==> flow/design.v <==
module dp_adder_blk #(
  parameter XLEN = 24,
  parameter CHUNK = 3
) (
  input wire clk,
  input wire [XLEN-1:0] u,
  input wire [XLEN-1:0] v,
  input wire cin,
  output reg [XLEN-1:0] s,
  output reg carry_out
);
  localparam GROUPS = XLEN / CHUNK;
  wire [XLEN-1:0] r;
  wire [GROUPS:0] carry;
  assign carry[0] = cin;
  genvar i;
  generate
    for (i = 0; i < GROUPS; i = i + 1) begin : blk
      wire [CHUNK:0] s0 = u[i*CHUNK +: CHUNK] + v[i*CHUNK +: CHUNK];
      wire [CHUNK:0] s1 = u[i*CHUNK +: CHUNK] + v[i*CHUNK +: CHUNK] + 1'b1;
      assign {carry[i+1], r[i*CHUNK +: CHUNK]} = carry[i] ? s1 : s0;
    end
  endgenerate
  always @(posedge clk) begin
    s <= r;
    carry_out <= carry[GROUPS];
  end
endmodule
Tool chain data of dp_adder_blk
Tool output for the design above, in the order of the flow.
Lines are those of the file above, counted from 1.
Cell names lack the library's common part.
{"block": "design", "top_module": "dp_adder_blk", "clock": "clk", "cell_library": "sky130hd", "pvt_corner": "tt_025C_1v80"}

After elaboration
Yosys after proc, flatten, opt, wreduce and memory -nomap, before mapping. Enables and synchronous resets that opt folds into registers are not counted as muxes. Memory bits, and registers merged into a memory's read port (data or address), are not among the register bits. Print and check cells are not counted. Equal cells are merged and count once.
{"block": "bits", "reg_bits": 25, "word_cells": 26, "latch_bits": 0, "input_bits": 50, "clocked_rd_ports_x_width": 0, "ram_bits": 0, "memories": 0, "output_inout_bits": 25, "romBits": 0}
{"block": "op_classes", "n_addsub": 16, "mul": 0, "reduce_and_logical": 0, "n_mux": 8, "n_shift": 0, "compare": 0, "equal": 0, "n_logic": 0, "n_div": 0}
{"block": "ops", "operator": "adder 3 x 3 -> 4 bit", "count": 8}
{"block": "ops", "operator": "adder 4 x 1 -> 4 bit with constant B", "count": 8}
{"block": "ops", "operator": "2-to-1 mux 4 bit", "count": 8}

Logic depth
Longest topological path by Yosys (ltp), each cell counted once; first at word level (registers and memories cut), then after technology mapping (sequential cells cut; the memories' decode and read muxes count).
{"block": "logic_depth", "depth_word": 10, "ABC_AREA": 0, "mapped_depth": 15}

Mapped cells and area
Yosys stat after the flow's synthesis: flattened, memories mapped to cells. It holds for the ABC_AREA given above (unset counts as 0); a run with the other value may have another netlist.
{"block": "types", "cell_type": "dfxtp_1", "count": 25}
{"block": "types", "cell_type": "ha_1", "count": 32}
{"block": "types", "cell_type": "fa_1", "count": 8}
{"block": "types", "cell_type": "xnor2_1", "count": 14}
{"block": "types", "cell_type": "xor2_1", "count": 13}
{"block": "types", "cell_type": "a21o_1", "count": 8}
{"block": "types", "cell_type": "nand2_1", "count": 16}
{"block": "types", "cell_type": "inv_1", "count": 14}
{"block": "types", "cell_type": "nand3_1", "count": 9}
{"block": "types", "cell_type": "and3_1", "count": 5}
{"block": "types", "cell_type": "a21oi_1", "count": 6}
{"block": "types", "cell_type": "a31oi_1", "count": 4}
{"block": "types", "cell_type": "mux2_2", "count": 2}
{"block": "types", "cell_type": "and2_1", "count": 3}
{"block": "types", "cell_type": "nand4_1", "count": 3}
{"block": "types", "cell_type": "xor2_2", "count": 1}
{"block": "types", "cell_type": "mux2_4", "count": 1}
{"block": "types", "cell_type": "o21ai_0", "count": 3}
Not listed: further types 14, cells in them 16.
{"block": "mapped", "flip_flops": 25, "seq_area_um2": 500.5, "stdcells": 183, "mapped_area_um2": 1833.0, "buffers": 1}

Path before layout
Path of least setup slack by OpenSTA after synthesis, without wires, with an ideal clock, recovery checks aside; 20% of the period is set as input and as output delay. Where synthesis merged equal registers, the netlist keeps one of their names.
{"block": "synth_timing", "path_type": "in2reg", "startpoint": "input u[0]", "endpoint": "register s[22]", "clock_period_ns": 4.84, "delay_ns": 3.096, "slack_ns": 0.776, "setup_ns": 0.121, "driving_pins": 13, "in_delay_ns": 0.968, "required_time_ns": 4.719, "arrival_time_ns": 3.943, "synth_period_reached_ns": 4.064}
"delay_ns" is the arrival time less input delay plus setup time.
"driving_pins" counts driving pins, that of a launching flip-flop among them; a cell with two outputs on the path counts twice.
"synth_period_reached_ns" = period - worst setup slack (recovery checks aside). The figure is calculated, with input and output delays left at 20% of the set period.
Between the ends stands the longest chain of elaborated cells between them, by number of cells; it is not shown to be the way that was timed. Of several equally long chains one is given.
A line is the first line of the expression or statement that the cell stems from. Yosys adds cells for indexed reads and writes and turns some case tables into memories.
{"block": "synth_between", "cell_sequence": "ha_1 -> fa_1 -> xnor2_1 -> nor2_4 -> xor2_2 -> o2111a_1 -> a31oi_1 -> a21o_1 -> a31oi_1 -> or4_4 -> a31o_1 -> and2_4 -> mux2_4", "elab_chain_len": 10}
{"block": "synth_lines", "element": "start: declaration", "line_no": 6, "rtl": "input wire [XLEN-1:0] u,"}
{"block": "synth_lines", "element": "adder 3 x 3 -> 4 bit", "line_no": 20, "rtl": "wire [CHUNK:0] s1 = u[i*CHUNK +: CHUNK] + v[i*CHUNK +: CHUNK] + 1'b1;"}
{"block": "synth_lines", "element": "adder 4 x 1 -> 4 bit", "line_no": 20}
{"block": "synth_lines", "element": "2-to-1 mux 4 bit (8 in a row)", "line_no": 21, "rtl": "assign {carry[i+1], r[i*CHUNK +: CHUNK]} = carry[i] ? s1 : s0;"}
{"block": "synth_lines", "element": "end: assignment", "line_no": 25, "rtl": "s <= r;"}
{"block": "synth_lines", "element": "end: declaration", "line_no": 9, "rtl": "output reg [XLEN-1:0] s,"}

Path in the finished layout
Path of least setup slack in the final report of run 2 (OpenROAD, finished layout, wires in). Where an end is a register, its clock arrival counts in the times.
{"block": "layout_timing", "path_type": "in2reg", "startpoint": "input u[0]", "endpoint": "register s[22]", "driving_pins": 14, "setup_ns": 0.10, "slack_ns": 0.49, "arrival_time_ns": 4.52, "in_delay_ns": 0.97, "required_time_ns": 5.01, "clock_period_ns": 4.84}
Between the ends stands the longest chain of elaborated cells between them, by number of cells; it is not shown to be the way that was timed. Of several equally long chains one is given.
{"block": "layout_between", "cell_sequence": "clkdlybuf4s50_1 -> ha_1 -> fa_1 -> xnor2_1 -> nor2_4 -> xor2_2 -> o211ai_1 -> a41oi_1 -> nand3_1 -> and4_1 -> or4_4 -> a31o_1 -> and2_4 -> mux2_4", "elab_chain_len": 10}
{"block": "layout_lines", "element": "start: declaration", "line_no": 6, "rtl": "input wire [XLEN-1:0] u,"}
{"block": "layout_lines", "element": "adder 3 x 3 -> 4 bit", "line_no": 20, "rtl": "wire [CHUNK:0] s1 = u[i*CHUNK +: CHUNK] + v[i*CHUNK +: CHUNK] + 1'b1;"}
{"block": "layout_lines", "element": "adder 4 x 1 -> 4 bit", "line_no": 20}
{"block": "layout_lines", "element": "2-to-1 mux 4 bit (8 in a row)", "line_no": 21, "rtl": "assign {carry[i+1], r[i*CHUNK +: CHUNK]} = carry[i] ? s1 : s0;"}
{"block": "layout_lines", "element": "end: assignment", "line_no": 25, "rtl": "s <= r;"}
{"block": "layout_lines", "element": "end: declaration", "line_no": 9, "rtl": "output reg [XLEN-1:0] s,"}

Subject: dp_adder_blk on sky130hd, stored results

Hello all,

3 stored runs of dp_adder_blk in the flow (synthesis by Yosys, layout by OpenROAD, sky130hd cells), in arbitrary order. Constraints: input delay and output delay 20% of the set period each, output load 0.01 pF.
"period_reached_ns" is the run's clock period less its worst setup slack. It is reckoned from that one timing run; input and output delays stay at 20% of the period that was set.
"timing.worst_path_ns" is the time allowed to the run's worst setup path (the clock period less input and output delay, where it has them) less its slack. Clock arrival times count: a late capture clock shortens it, a late launch clock lengthens it.
By "final_power_mw" is meant OpenSTA's value without simulated activity: inputs other than the clock are taken to toggle once in ten clock periods, and the tool carries that through the logic.

{"run": "run 1", "settings": { "period_ns": 4.09, "CORE_UTILIZATION": 68, "PLACE_DENSITY_LB_ADDON": 0.02, "HOLD_SLACK_MARGIN": 0.26, "CELL_PAD_IN_SITES_GLOBAL_PLACEMENT": 3, "TNS_END_PERCENT": 55, "ABC_AREA": 0, "MIN_ROUTING_LAYER": "met2", "CAP_MARGIN": 20, "CORE_MARGIN": 2, "SLEW_MARGIN": 20 }, "outcome": "no results, placement failed with FLW-0024"}
{"run": "run 2", "settings": { "period_ns": 4.84, "CAP_MARGIN": 20, "CORE_MARGIN": 2, "CORE_UTILIZATION": 40, "SLEW_MARGIN": 20 }, "results": { "yosys.chip_area_um2": 1833.0, "timing.worst_path_ns": 3.39, "worstPathKind": "in2reg", "design.die.area_um2": 5140.2, "period_reached_ns": 4.354, "worst_setup_slack_ns": 0.486, "final_power_mw": 0.7668, "layout_utilization_pct": 61.1 }}
{"run": "run 3", "settings": { "period_ns": 2.76, "CORE_UTILIZATION": 61, "SETUP_SLACK_MARGIN": -0.15, "PLACE_DENSITY": 0.68, "CELL_PAD_IN_SITES_DETAIL_PLACEMENT": 2, "GPL_TIMING_DRIVEN": 1, "CAP_MARGIN": 5, "CORE_MARGIN": 2, "SLEW_MARGIN": 20 }, "outcome": "no results, placement failed with GPL-0301"}

Thanks
